==> flow/design.v <==
module core_muxn_mod #(
  parameter integer W = 48,
  parameter integer NUM = 2,
  parameter integer LG = $clog2(NUM)
) (
  input  logic sys_clk,
  input  logic en,
  input  logic [NUM*W-1:0] in,
  input  logic [LG-1:0] addr,
  output logic [W-1:0] y
);
  wire [W-1:0] tree [1:2*NUM-1];
  for (genvar gi = 0; gi < NUM; gi++) begin : each
    assign tree[NUM+gi] = in[gi*W +: W];
  end
  for (genvar gi = 1; gi < NUM; gi++) begin : u_g
    sel2 #(.N(W)) unit (.a(tree[2*gi]), .b(tree[2*gi+1]), .s(addr[LG - $clog2(gi+1)]), .y(tree[gi]));
  end
  always_ff @(posedge sys_clk) begin
    if (en) begin
      y <= tree[1];
    end
  end
endmodule
module sel2 #(parameter N = 1) (
  input logic [N-1:0] a,
  input logic [N-1:0] b,
  input logic s,
  output logic [N-1:0] y
);
  assign y = s ? b : a;
endmodule
* Step by step through the tools: core_muxn_mod
Tool output for the design above, in the order of the flow.
Lines are those of the file above, counted from 1.
Cell names lack the library's common part.
The mark n/a stands for no value.
- Top module :: core_muxn_mod
- Clock port :: sys_clk
- Cell library :: sky130hd
- Timing corner :: tt_025C_1v80

* Word-level counts
Source: Yosys, flattened and elaborated, memories not mapped. Widths are those after wreduce; folded enables and synchronous resets count as part of the registers. Registers that Yosys merges into a memory's read port (data or address) are not register bits. Print and check cells do not count. Equal cells are merged and count once.
- Flip-flop bits (word level) :: 48
- Bits in latches :: 0
- RAM bits :: 0
- ROM bits :: 0
- Clocked read ports x word width :: 0
- Memories kept :: 0
- Input bits :: 99
- Elaborated cells :: 2
- Add/subtract/negate cells :: 0
- Multiply operators :: 0
- Divide/modulo/power cells :: 0
- Magnitude comparators :: 0
- Eq/ne operators :: 0
- Shift-type cells :: 0
- Muxes and demuxes :: 1
- Bitwise gates (word level) :: 0
- Reduce/logical cells :: 0
** Operators with widths (number)
- two-way mux 48 bit :: 1

* Depth
Longest topological path by Yosys (ltp), each cell counted once; first at word level (registers and memories cut), then after technology mapping (sequential cells cut; the memories' decode and read muxes count).
- Depth after elaboration :: 1
- ABC_AREA :: 0
- Mapped depth :: 3

* Synthesis result
Source: synth_stat.txt of the flow (Yosys; design flattened, memories mapped). It holds for the ABC_AREA given above (unset counts as 0); a run with the other value may have another netlist.
Totals and module areas in this step are rounded.
** Cell types (number)
- edfxtp_1 :: 48
- mux2_2 :: 28
- mux2_4 :: 20
- buf_6 :: 3
- buf_2 :: 2
- Cell count :: 101
- Mapped area :: 2100 um^2
- Area of sequential cells :: 1440 um^2
- Flip-flops :: 48
- Buffers :: 5
By module: a second synthesis without flattening, with its own total; a netlist apart from the flattened one above.
- Cell total of the unflattened synthesis :: 101
- Area (unflattened synthesis) :: 2100 um^2
Rows give one instance, submodules left out.
** By module
- core_muxn_mod :: instances 1, cells 48, area 1440 um^2
- sel2 (N=48) :: instances 1, cells 53, area 659 um^2

* Timing after synthesis
Source: OpenSTA report_checks on the synthesized netlist (no wires, ideal clock, input and output delay 20% of the period each), path of least setup slack; recovery checks are left aside. Register names are those of the netlist, which keeps one name where synthesis merged equal registers.
- Kind :: input to register
- From :: in addr[0]
- To :: reg y[24]
- Clock period :: 1310 ps
- External input delay :: 262 ps
- Setup time :: 260 ps
- Launch time at the first pin :: 262 ps
- Data arrival time :: 840 ps
- Data required time :: 1050 ps
- Slack :: 210 ps
- Delay of the path :: 838 ps
- Stages on the path :: 3
- Path buffers :: 2
- Synthesis period reached :: 1100 ps
"delay of the path" = arrival - input delay + setup time.
"stages on the path" counts driving pins, that of a launching flip-flop among them; a cell with two outputs on the path counts twice.
"synthesis period reached" = period - worst setup slack (recovery checks aside). The figure is calculated, with input and output delays left at 20% of the set period.
The rows between start and end are the longest chain of elaborated cells between them; the timing report does not say that the signal goes this way. Where chains are equally long, one stands for them.
A line is the first line of the expression or statement that the cell stems from. Yosys adds cells for indexed reads and writes and turns some case tables into memories.
- Path through :: buf_6 buf_6 mux2_4
- Cells in the longest elaborated chain :: 1
** RTL lines, path after synthesis
- from (decl) :: line 9 : input  logic [LG-1:0] addr,
- two-way mux 48 bit :: line 31 : assign y = s ? b : a;
- to (assign) :: line 21 : y <= tree[1];
- to (decl) :: line 10 : output logic [W-1:0] y

* Worst path after layout
Path of least setup slack in the final report of record 2 (OpenROAD, finished layout, wires in). Where an end is a register, its clock arrival counts in the times.
The path's times are printed in steps of 10 ps; the period is the one set.
- Kind :: register to output
- From :: reg y[43]
- To :: out y[43]
- Clock period :: 796 ps
- Output delay :: 160 ps
- Launch time at the first pin :: 290 ps
- Data arrival time :: 840 ps
- Data required time :: 640 ps
- Slack :: -200 ps
- Stages on the path :: 2
- Path buffers :: 1
- Path through :: edfxtp_1 buf_2
- Cells in the longest elaborated chain :: 0
** RTL lines, path post-layout
- from (decl) :: line 10 : output logic [W-1:0] y
- from (assign) :: line 21 : y <= tree[1];
- to (decl) :: line 10

Data sheet: physical implementation of core_muxn_mod

Top module core_muxn_mod; platform sky130hd; tools Yosys and OpenROAD; 3 stored runs in no particular order. Input and output delays are each 20% of the period that was set; the output load is 0.01 pF.
"period reached" = clock period - worst setup slack. The figure is calculated, with input and output delays left at 20% of the set period.
"worst path time": the worst setup path's part of the clock period (all of it between registers, 20% less for each end at a port) less its slack. A launch clock that arrives late makes it longer, a capture clock that arrives late makes it shorter.
By "power" is meant OpenSTA's value without simulated activity: inputs other than the clock are taken to toggle once in ten clock periods, and the tool carries that through the logic.
"worst path time" is known to 10 ps.
Measured values are rounded.

** Record 1
- Settings :: period_ns=0.777; CORE_UTILIZATION=59; CORE_ASPECT_RATIO=1.39; CELL_PAD_IN_SITES_DETAIL_PLACEMENT=1; ABC_AREA=0; GPL_TIMING_DRIVEN=0; CTS_CLUSTER_SIZE=28; CTS_CLUSTER_DIAMETER=73; CAP_MARGIN=35; SLEW_MARGIN=25; CORE_MARGIN=2
- Outcome :: not finished: placement ended with error GPL-0301

** Record 2
- Settings :: period_ns=0.796; CORE_UTILIZATION=26; GPL_ROUTABILITY_DRIVEN=1; MAX_ROUTING_LAYER=met4; CAP_MARGIN=20; CORE_MARGIN=2; SLEW_MARGIN=20
- Utilization of the finished layout :: 0.482
- Post-route worst hold slack :: 316 ps
- Chip area after synthesis (Yosys) :: 2100 um^2
- Setup slack of the worst path :: -202 ps
- Standard-cell area after layout :: 3740 um^2
- Worst path time :: 840 ps
- Worst setup path kind :: register to output
- Total negative slack :: -8090 ps
- Period reached :: 998 ps
- Power :: 6190 uW
- Area of the die :: 8820 um^2

** Record 3
- Settings :: period_ns=1.31; CAP_MARGIN=20; CORE_MARGIN=2; CORE_UTILIZATION=40; SLEW_MARGIN=20
- Utilization of the finished layout :: 0.722
- Post-route worst hold slack :: 475 ps
- Chip area after synthesis (Yosys) :: 2100 um^2
- Setup slack of the worst path :: 87 ps
- Standard-cell area after layout :: 3660 um^2
- Worst path time :: 960 ps
- Worst setup path kind :: register to output
- Total negative slack :: 0 ps
- Period reached :: 1223 ps
- Power :: 3470 uW
- Area of the die :: 5850 um^2
